==> flow/design.v <==
module core_mux_stage #(
    parameter DATA_WIDTH = 16,
    parameter N = 3,
    parameter SEL_W = $clog2(N)
) (
    input  clk_i,
    input  nrst,
    input  [N*DATA_WIDTH-1:0] i_in,
    input  [SEL_W-1:0] i_pick,
    output reg [DATA_WIDTH-1:0] o_res
);
    wire [N-1:0] hot;
    assign hot = {{(N-1){1'b0}}, 1'b1} << i_pick;
    reg [DATA_WIDTH-1:0] nxt;
    integer i;
    always @(*) begin
        nxt = 0;
        for (i = 0; i < N; i = i + 1)
            nxt = nxt | (i_in[i*DATA_WIDTH +: DATA_WIDTH] & {DATA_WIDTH{hot[i]}});
    end
    always @(posedge clk_i or negedge nrst) begin
        if (~nrst) begin
            o_res <= 0;
        end else begin
            o_res <= nxt;
        end
    end
endmodule
Step by step through the tools: core_mux_stage --
The steps from the RTL of core_mux_stage to its reports follow in flow order. Line numbers count from 1 in the design file above. Operators carry their Yosys type and port widths (W data, S select, Z words). Cell names lack the library's common part. A cell with n/a has no value.
Inputs: design top core_mux_stage, clock port clk_i, library sky130hd, library corner tt_025C_1v80

Elaborated design --
Yosys after proc, flatten, opt, wreduce and memory -nomap, before mapping. Enables and synchronous resets that opt folds into registers are not counted as muxes. Memory bits, and registers merged into a memory's read port (data or address), are not among the register bits. Print and check cells are not counted. Equal cells are merged and count once.
Bit counts: bits of input ports 52, output and inout port bits 16, elaborated cells 7, register bits after elaboration 16
Operators by class: shift-type cells 1, bitwise operators 5
Operators with widths (number):
- $and A16 B16 Y16 | 3
- $or A16 B16 Y16 | 2
- $shl A1 B2 Y3 const A | 1

Logic depth --
Depth = most cells in a row (Yosys ltp): at word level without a register or memory, in the mapped netlist without a sequential cell, where the memories' decode and read muxes count.
Depth: word-level depth 4, ABC_AREA 0, depth in mapped cells 5, depth with buffers taken out 2

Mapped cells and area --
Yosys stat after the flow's synthesis: flattened, memories mapped to cells. It holds for the ABC_AREA given above (unset counts as 0); a run with the other value may have another netlist.
Cell types:
- dfrtp_1 | number 16, area in all 400.384 µm²
- mux2i_1 | number 16, area in all 160.154 µm²
- o2bb2ai_1 | number 16, area in all 140.134 µm²
- buf_6 | number 3, area in all 33.782 µm²
- buf_8 | number 2, area in all 30.029 µm²
- nor2b_4 | number 1, area in all 13.763 µm²
- clkbuf_1 | number 1, area in all 3.754 µm²
Mapped netlist: mapped flip-flops 16, buffers 6, cells in the netlist 55, mapped area 782.0 µm², area of sequential cells 400.4 µm²

Worst setup path after synthesis --
Source: OpenSTA report_checks on the synthesized netlist (no wires, ideal clock, input and output delay 20% of the period each), path of least setup slack; recovery checks are left aside. Register names are those of the netlist, which keeps one name where synthesis merged equal registers.
Timing post-synthesis: path type input to register, start point in i_pick[1], end point reg o_res[10], setup time 0.130 ns, arrival time 0.786 ns, data required time 0.960 ns, slack 0.175 ns, launch time at the first pin 0.218 ns, buffers on the path 3, delay of the path 0.698 ns, external input delay 0.218 ns, stages 5, period 1.09 ns, period reached after synthesis 0.915 ns
"delay of the path" is the arrival time less input delay plus setup time. "stages": output pins that drive a net of the path, with the launching flip-flop's if there is one; two outputs of one cell count as two. "period reached after synthesis" is the clock period less the worst setup slack; recovery checks do not enter. This is arithmetic on one report: input and output delays are still those of the set period (20% each). The rows between start and end are the longest chain of elaborated cells between them; the timing report does not say that the signal goes this way. Where chains are equally long, one stands for them. A line is the first line of the expression or statement that the cell stems from. Yosys adds cells for indexed reads and writes and turns some case tables into memories.
On the way, post-synthesis: path through buf_6 -> nor2b_4 -> buf_6 -> buf_8 -> o2bb2ai_1, length of the longest elaborated chain 4, elaborated cells between the ends (all ways) 6, source lines of those cells 2, those cells by class shift: 1; logic: 5
Ends and longest elaborated chain, post-synthesis:
- from (decl) | RTL line 9 | input  [SEL_W-1:0] i_pick,
- $shl A1 B2 Y3 | RTL line 13 | assign hot = {{(N-1){1'b0}}, 1'b1} << i_pick;
- $and A16 B16 Y16 | RTL line 19 | nxt = nxt | (i_in[i*DATA_WIDTH +: DATA_WIDTH] & {DATA_WIDTH{hot[i]}});
- $or A16 B16 Y16 (2 in a row) | RTL line 19
- to (assign) | RTL line 23 | o_res <= 0;
- to (assign) | RTL line 25 | o_res <= nxt;
- to (decl) | RTL line 10 | output reg [DATA_WIDTH-1:0] o_res

Path in the finished layout --
Path of least setup slack in the final report of job 3 (OpenROAD, finished layout, wires in). Where an end is a register, its clock arrival counts in the times.
Timing post-layout: path type register to output, start point reg o_res[14], end point out o_res[14], buffers on the path 1, stages 2, launch time at the first pin 0.28 ns, external output delay 0.22 ns, period 1.09 ns, slack 0.05 ns, arrival time 0.82 ns, data required time 0.87 ns
On the way, post-layout: path through dfrtp_1 -> buf_2, length of the longest elaborated chain 0, elaborated cells between the ends (all ways) 0, source lines of those cells 0
Ends and longest elaborated chain, post-layout:
- from (decl) | RTL line 10 | output reg [DATA_WIDTH-1:0] o_res
- from (assign) | RTL line 23 | o_res <= 0;
- from (assign) | RTL line 25 | o_res <= nxt;
- to (decl) | RTL line 10

Add stored flow runs of core_mux_stage

Measured data: module core_mux_stage, platform sky130hd, 3 stored runs of the flow under differing settings, order arbitrary. Input and output delays are each 20% of the period that was set; the output load is 0.01 pF.
By "period reached" is meant the clock period of the run minus its worst setup slack. This is arithmetic on one report: input and output delays are still those of the set period (20% each).
"time used up by the worst setup path" = time allowed to the worst setup path (clock period - input delay - output delay, where it has them) - its slack; a late launch clock adds to it, a late capture clock takes from it.

* Job 1 | settings: period_ns 1.17; CORE_UTILIZATION 56; SETUP_SLACK_MARGIN -0.01; CORE_ASPECT_RATIO 0.87; CELL_PAD_IN_SITES_GLOBAL_PLACEMENT 3; GPL_TIMING_DRIVEN 1; CTS_CLUSTER_DIAMETER 228; MAX_ROUTING_LAYER met4; CAP_MARGIN 20; CORE_MARGIN 2; SLEW_MARGIN 20 | did not finish, placement stopped with GPL-0301
* Job 2 | settings: period_ns 0.801; CORE_UTILIZATION 67; SETUP_SLACK_MARGIN 0.21; PLACE_DENSITY_LB_ADDON 0.28; HOLD_SLACK_MARGIN 0.14; CORE_ASPECT_RATIO 0.93; CELL_PAD_IN_SITES_DETAIL_PLACEMENT 1; TNS_END_PERCENT 45; MAX_ROUTING_LAYER met5; CAP_MARGIN 20; CORE_MARGIN 2; SLEW_MARGIN 20 | did not finish, placement stopped with FLW-0024
* Job 3 | settings: period_ns 1.09; CAP_MARGIN 20; CORE_MARGIN 2; CORE_UTILIZATION 40; SLEW_MARGIN 20 | results: utilization after layout 0.813; period reached 1.039 ns; worst setup slack after layout 0.051 ns; std-cell area (final layout) 1448.9 µm²; time used up by the worst setup path 0.82 ns; kind of the worst setup path register to output; area inside the die boundary 2324.7 µm²; synthesis area 782.0 µm²
